==> flow/design.v <==
module dp_mux_mod #(
  parameter integer WD = 4,
  parameter integer N_IN = 32,
  parameter integer SEL_WIDTH = $clog2(N_IN)
) (
  input  logic core_clk,
  input  logic rst_ni,
  input  logic [N_IN*WD-1:0] i_ch,
  input  logic [SEL_WIDTH-1:0] i_choose,
  output logic [WD-1:0] o_result
);
  logic [N_IN*WD-1:0] ch_s;
  logic [SEL_WIDTH-1:0] choose_s;
  assign o_result = ch_s[choose_s*WD +: WD];
  always_ff @(posedge core_clk or negedge rst_ni) begin
    if (!rst_ni) begin
      ch_s <= '0;
      choose_s <= '0;
    end else begin
      ch_s <= i_ch;
      choose_s <= i_choose;
    end
  end
endmodule
# Step by step through the tools: dp_mux_mod
# What the tools print for dp_mux_mod, step after step.
# Line numbers count from 1 in the design file above.
# Operators: Yosys type, input widths -> output width; for muxes data width and select width s.
# Library cell names are shortened.
# The mark -- stands for no value.
[inputs]
top = "dp_mux_mod"
clk_port = "core_clk"
lib = "sky130hd"
pvt_corner = "tt_025C_1v80"

# After elaboration
# Yosys after proc, flatten, opt, wreduce and memory -nomap, before mapping. Enables and synchronous resets that opt folds into registers are not counted as muxes. Memory bits, and registers merged into a memory's read port (data or address), are not among the register bits. Print and check cells are not counted. Equal cells are merged and count once.
[word_totals]
regBits = 133
inputBits = 135
out_inout_bits = 4
word_cells = 3
[classes]
shifts = 1
[ops]
columns = ["operator", "count"]
rows = [
  ["$shiftx 128x8->4", 1],
]

# Depth
# Yosys ltp: most cells in a row. Word level: on the elaborated netlist, between registers, memories and ports. Mapped: between sequential cells and ports; inverters and the memories' decode and read muxes count.
[depth]
word_depth = 1
ABC_AREA = 0
depth_mapped = 5
mapped_depth_nobuf = 3

# Mapped cells and area
# Yosys stat after the flow's synthesis: flattened, memories mapped to cells. It holds for the ABC_AREA given above (unset counts as 0); a run with the other value may have another netlist.
# The area totals of this step are shown rounded.
[mapped]
cell_count = 186
mapped_area_mm2 = 0.00433
seqArea_mm2 = 0.00333
flip_flops = 133
[types]
columns = ["cell_type", "count"]
rows = [
  ["dfrtp_1", 133],
  ["mux4_2", 40],
  ["mux2_2", 4],
  ["buf_6", 3],
  ["buf_1", 4],
  ["buf_2", 1],
  ["clkbuf_1", 1],
]

# Worst setup path after synthesis
# Source: OpenSTA report_checks on the synthesized netlist (no wires, ideal clock, input and output delay 20% of the period each), path of least setup slack; recovery checks are left aside. Register names are those of the netlist, which keeps one name where synthesis merged equal registers.
[synth_timing]
path_kind = "reg-to-output"
startpoint = "register (name not given)"
endpoint = "output o_result[0]"
clock_period_ns = 2.96
output_delay_ns = 0.592
launch_ns = 0.000
arrival_ns = 1.894
required_ns = 2.368
path_slack_ns = 0.474
delay_ns = 1.894
stages = 6
n_path_buf = 2
period_less_setup_slack_ns = 2.486
# "delay_ns" = arrival - input delay + setup time.
# At an output port there is no setup time.
# "stages" counts driving pins, that of a launching flip-flop among them; a cell with two outputs on the path counts twice.
# "period_less_setup_slack_ns" = period - worst setup slack (recovery checks aside). The figure is calculated, with input and output delays left at 20% of the set period.
# The rows between start and end are the longest chain of elaborated cells between them; the timing report does not say that the signal goes this way. Where chains are equally long, one stands for them.
# Each line given opens the expression or statement behind the cell; cells for indexed reads and writes are added by Yosys, which also makes memories of some case tables.
[synth_between]
cell_sequence = "dfrtp_1 -> buf_2 -> buf_6 -> mux4_2 -> mux4_2 -> mux2_2"
elab_chain_cells = 1
[synth_lines]
columns = ["item", "line", "source"]
rows = [
  ["from (decl)", 13, ""],
  ["from (assign)", 18, ""],
  ["from (assign)", 21, ""],
  ["$shiftx 128x8->4", 14, ""],
  ["to (decl)", 10, "output logic [WD-1:0] o_result"],
]

# Worst path after layout
# From the final timing report of run A: the path of least setup slack in the routed layout; clock arrival at registers is part of the times.
[layout_timing]
path_kind = "reg-to-output"
startpoint = "register (name not given)"
endpoint = "output o_result[2]"
clock_period_ns = 3.43
output_delay_ns = 0.69
launch_ns = 0.41
arrival_ns = 2.60
required_ns = 2.74
path_slack_ns = 0.15
stages = 8
n_path_buf = 4
# The rows between start and end are the longest chain of elaborated cells between them; the timing report does not say that the signal goes this way. Where chains are equally long, one stands for them.
[layout_between]
cell_sequence = "dfrtp_2 -> buf_12 -> buf_12 -> buf_12 -> mux4_2 -> mux4_2 -> mux2_4 -> buf_6"
elab_chain_cells = 1
[layout_lines]
columns = ["item", "line", "source"]
rows = [
  ["from (decl)", 13, ""],
  ["from (assign)", 18, ""],
  ["from (assign)", 21, ""],
  ["$shiftx 128x8->4", 14, ""],
  ["to (decl)", 10, "output logic [WD-1:0] o_result"],
]

# Stored flow runs of dp_mux_mod (3 of them; Yosys, OpenROAD, sky130hd). They differ in their settings and are not a sequence. Constraints: input delay and output delay 20% of the set period each, output load 0.01 pF.
# "achieved_period_ns" means the clock period less the worst setup slack. The figure is calculated, with input and output delays left at 20% of the set period.
# "critical_path_time_ns" means the part of the period allowed to the worst setup path (the constraints hold back 20% at inputs and 20% at outputs) less its slack; where the path has registers, the arrival times of their clocks count too.
# "power_total_uw" is the tool's figure for a default switching activity; nothing was simulated.
# Measured values are rounded.

[[run]]
name = "run A"
[run.settings]
period_ns = 3.43
CORE_UTILIZATION = 58
SETUP_SLACK_MARGIN = 0.36
PLACE_DENSITY_LB_ADDON = 0.28
CORE_ASPECT_RATIO = 0.59
CORE_MARGIN = 2
TNS_END_PERCENT = 10
GPL_TIMING_DRIVEN = 1
CAP_MARGIN = 25
SLEW_MARGIN = 0
MIN_ROUTING_LAYER = "met1"
MAX_ROUTING_LAYER = "met4"
[run.results]
fin_tns_ns = 0.000
die_footprint_mm2 = 0.0082
power_total_uw = 3820
achieved_period_ns = 3.284
finalUtil_frac = 0.906
critical_path_time_ns = 2.60
worst_path_kind = "reg-to-output"
layout_stdcell_area_mm2 = 0.00661
synthArea_mm2 = 0.00433
worst_setup_slack_ns = 0.146

[[run]]
name = "run B"
[run.settings]
period_ns = 3.78
CORE_UTILIZATION = 15
SETUP_SLACK_MARGIN = 1.11
PLACE_DENSITY_LB_ADDON = 0.21
CORE_MARGIN = 9
TNS_END_PERCENT = 25
GPL_TIMING_DRIVEN = 0
GPL_ROUTABILITY_DRIVEN = 0
CTS_CLUSTER_DIAMETER = 279
MAX_ROUTING_LAYER = "met4"
CAP_MARGIN = 20
SLEW_MARGIN = 20
[run.results]
layout_stdcell_area_mm2 = 0.00706
die_footprint_mm2 = 0.0353
fin_tns_ns = 0.000
worst_setup_slack_ns = 0.432
critical_path_time_ns = 2.59
worst_path_kind = "reg-to-output"
achieved_period_ns = 3.348
power_total_uw = 3640
finalUtil_frac = 0.251
synthArea_mm2 = 0.00433

[[run]]
name = "run C"
[run.settings]
period_ns = 2.96
CAP_MARGIN = 20
CORE_MARGIN = 2
CORE_UTILIZATION = 40
SLEW_MARGIN = 20
[run.results]
die_footprint_mm2 = 0.0117
worst_setup_slack_ns = -0.266
finalUtil_frac = 0.643
critical_path_time_ns = 2.63
worst_path_kind = "reg-to-output"
power_total_uw = 4420
achieved_period_ns = 3.226
layout_stdcell_area_mm2 = 0.0067
fin_tns_ns = -0.963
synthArea_mm2 = 0.00433
